==> flow/design.v <==
module sync_switch_stage #(
  parameter integer DWIDTH = 4,
  parameter integer NUM = 6
) (
  input wire sys_clk,
  input wire RSTN,
  input wire [NUM*DWIDTH-1:0] val,
  input wire [NUM-1:0] addr,
  output reg [DWIDTH-1:0] z_o
);
  reg [NUM*DWIDTH-1:0] val_d1;
  reg [NUM-1:0] addr_d1;
  always @(posedge sys_clk) begin
    if (~RSTN) begin
      val_d1 <= 0;
      addr_d1 <= 0;
    end else begin
      val_d1 <= val;
      addr_d1 <= addr;
    end
  end
  reg [DWIDTH-1:0] tmp;
  integer i;
  always @(*) begin
    tmp = 0;
    for (i = NUM-1; i >= 0; i = i - 1)
      if (addr_d1[i]) tmp = val_d1[i*DWIDTH +: DWIDTH];
  end
  always @(posedge sys_clk) begin
    if (~RSTN) begin
      z_o <= 0;
    end else begin
      z_o <= tmp;
    end
  end
endmodule
Tool chain data of sync_switch_stage:

What the tools print for sync_switch_stage, step after step.
Line numbers count from 1 in the design file above.
Cell names lack the library's common part.
Not given: --

* top: sync_switch_stage
* clock port: sys_clk
* standard-cell library: sky130hd
* timing corner: tt_025C_1v80

After elaboration:

Counts by Yosys on the flattened word-level netlist (proc, flatten, opt, wreduce; memories kept). Register bits leave out memories and registers merged into their read ports (data or address); mux counts leave out enables and synchronous resets folded into registers. Print and check cells are left out. Cells with the same type and inputs are merged into one.

* multiplexer cells: 6

Operators by type and width (count)
* 4-bit 2-to-1 mux: 6

* register bits: 34
* output and inout port bits: 4

Depth:

Longest topological path by Yosys (ltp), each cell counted once; first at word level (registers and memories cut), then after technology mapping (sequential cells cut; the memories' decode and read muxes count).

* depth after elaboration: 6
* ABC_AREA: 0
* mapped depth: 3
* mapped depth without buffers: 3

Netlist:

The flow's flattened synthesis, as Yosys stat reports it; memories are mapped. The netlist is that of the ABC_AREA named above (0 if unset); the other value can give another one.
Totals and module areas in this step are rounded.

Cell types
* dfxtp_1: count 34, total area 680.653 um^2
* and2_1: count 30, total area 187.68 um^2
* and3b_1: count 4, total area 35.034 um^2
* o221ai_1: count 4, total area 35.034 um^2
* a21o_1: count 4, total area 30.029 um^2
* a221oi_1: count 3, total area 26.275 um^2
* a21oi_1: count 4, total area 20.019 um^2
* o21ai_0: count 4, total area 20.019 um^2
* clkbuf_1: count 3, total area 11.261 um^2
* inv_1: count 2, total area 7.507 um^2
* nand3b_1: count 1, total area 7.507 um^2
* a31oi_1: count 1, total area 6.256 um^2
* nor2b_1: count 1, total area 6.256 um^2
* nor2_1: count 1, total area 3.754 um^2

* mapped cells: 96
* cell area after synthesis: 1080 um^2
* flip-flop cells: 34
* buffers: 3

Worst setup path after synthesis:

Source: OpenSTA report_checks on the synthesized netlist (no wires, ideal clock, input and output delay 20% of the period each), path of least setup slack; recovery checks are left aside. Register names are those of the netlist, which keeps one name where synthesis merged equal registers.

* path type: register -> register
* start point: register addr_d1[4]
* end point: register z_o[2]
* clock period: 1.16 ns
* data arrival time: 0.802 ns
* data required time: 1.036 ns
* path slack: 0.234 ns
* path delay: 0.926 ns
* stages on the path: 4
* buffers on the path: 0
* synthesis period reached: 0.926 ns

"path delay" = arrival - input delay + setup time.
"stages on the path": output pins that drive a net of the path, with the launching flip-flop's if there is one; two outputs of one cell count as two.
"synthesis period reached" = period - worst setup slack (recovery checks aside). The figure is calculated, with input and output delays left at 20% of the set period.
Between the ends stands the longest chain of elaborated cells between them, by number of cells; it is not shown to be the way that was timed. Of several equally long chains one is given.
A line is the first line of the expression or statement that the cell stems from. Yosys adds cells for indexed reads and writes and turns some case tables into memories.

* cell sequence: dfxtp_1 and3b_1 o221ai_1 a31oi_1
* length of the longest elaborated chain: 5

RTL lines, path after synthesis
* start, declared: line 12 `reg [NUM-1:0] addr_d1;`
* start, assigned: line 16 `addr_d1 <= 0;`
* start, assigned: line 19 `addr_d1 <= addr;`
* 4-bit 2-to-1 mux x5: line 27 `if (addr_d1[i]) tmp = val_d1[i*DWIDTH +: DWIDTH];`
* end, assigned: line 31 `z_o <= 0;`
* end, assigned: line 33 `z_o <= tmp;`
* end, declared: line 9 `output reg [DWIDTH-1:0] z_o`

Path in the finished layout:

Path of least setup slack in the final report of run A (OpenROAD, finished layout, wires in). Where an end is a register, its clock arrival counts in the times.

* path type: register -> register
* start point: register addr_d1[4]
* end point: register z_o[2]
* clock period: 0.997 ns
* data arrival time: 1.11 ns
* data required time: 1.14 ns
* path slack: 0.03 ns
* stages on the path: 4
* buffers on the path: 0

Between the ends stands the longest chain of elaborated cells between them, by number of cells; it is not shown to be the way that was timed. Of several equally long chains one is given.

* cell sequence: dfxtp_4 and3b_1 o221ai_2 a31oi_1
* length of the longest elaborated chain: 5

RTL lines, path post-layout
* start, declared: line 12 `reg [NUM-1:0] addr_d1;`
* start, assigned: line 16 `addr_d1 <= 0;`
* start, assigned: line 19 `addr_d1 <= addr;`
* 4-bit 2-to-1 mux x5: line 27 `if (addr_d1[i]) tmp = val_d1[i*DWIDTH +: DWIDTH];`
* end, assigned: line 31 `z_o <= 0;`
* end, assigned: line 33 `z_o <= tmp;`
* end, declared: line 9 `output reg [DWIDTH-1:0] z_o`

Memo
Re: implementation data of sync_switch_stage

Record of 3 stored runs of the RTL-to-layout flow on sync_switch_stage, platform sky130hd. The runs are unordered. Constraints: input delay and output delay 20% of the set period each, output load 0.01 pF.
"achieved period" is the run's clock period less its worst setup slack. It is reckoned from that one timing run; input and output delays stay at 20% of the period that was set.
"worst setup path time": the worst setup path's part of the clock period (all of it between registers, 20% less for each end at a port) less its slack. A launch clock that arrives late makes it longer, a capture clock that arrives late makes it shorter.
"total power of the final layout": no workload was simulated; the value follows from the tool's default switching activity.
Values from the reports are rounded here.

### Run A

Settings: `period_ns=0.997`, `CORE_UTILIZATION=23`, `PLACE_DENSITY_LB_ADDON=0.12`, `CORE_ASPECT_RATIO=1.41`, `CORE_MARGIN=9`, `TNS_END_PERCENT=80`, `ABC_AREA=0`, `CTS_CLUSTER_DIAMETER=199`, `MIN_ROUTING_LAYER=met1`, `MAX_ROUTING_LAYER=met5`, `CAP_MARGIN=20`, `SLEW_MARGIN=20`

- Worst setup path time: 0.96 ns
- Class of the worst setup path: register -> register
- Area inside the die boundary: 7,510 um^2
- Setup TNS: 0.000 ns
- Utilization in the final report: 37.3%
- Achieved period: 0.965 ns
- Total power of the final layout: 0.00277 W
- Smallest hold slack: 0.495 ns
- Area of the synthesized netlist: 1,080 um^2
- Worst setup slack after layout: 0.032 ns

### Run B

Settings: `period_ns=1.16`, `CAP_MARGIN=20`, `CORE_MARGIN=2`, `CORE_UTILIZATION=40`, `SLEW_MARGIN=20`

- Worst setup path time: 0.86 ns
- Class of the worst setup path: register -> output
- Area inside the die boundary: 3,120 um^2
- Setup TNS: 0.000 ns
- Utilization in the final report: 62.2%
- Achieved period: 1.093 ns
- Total power of the final layout: 0.00259 W
- Smallest hold slack: 0.459 ns
- Area of the synthesized netlist: 1,080 um^2
- Worst setup slack after layout: 0.067 ns

### Run C

Settings: `period_ns=0.931`, `CORE_UTILIZATION=16`, `HOLD_SLACK_MARGIN=0.05`, `CELL_PAD_IN_SITES_GLOBAL_PLACEMENT=3`, `CAP_MARGIN=40`, `MAX_ROUTING_LAYER=met5`, `CORE_MARGIN=2`, `SLEW_MARGIN=20`

- Worst setup path time: 0.95 ns
- Class of the worst setup path: register -> register
- Area inside the die boundary: 7,410 um^2
- Setup TNS: -0.020 ns
- Utilization in the final report: 26.7%
- Achieved period: 0.947 ns
- Total power of the final layout: 0.00316 W
- Smallest hold slack: 0.438 ns
- Area of the synthesized netlist: 1,080 um^2
- Worst setup slack after layout: -0.016 ns
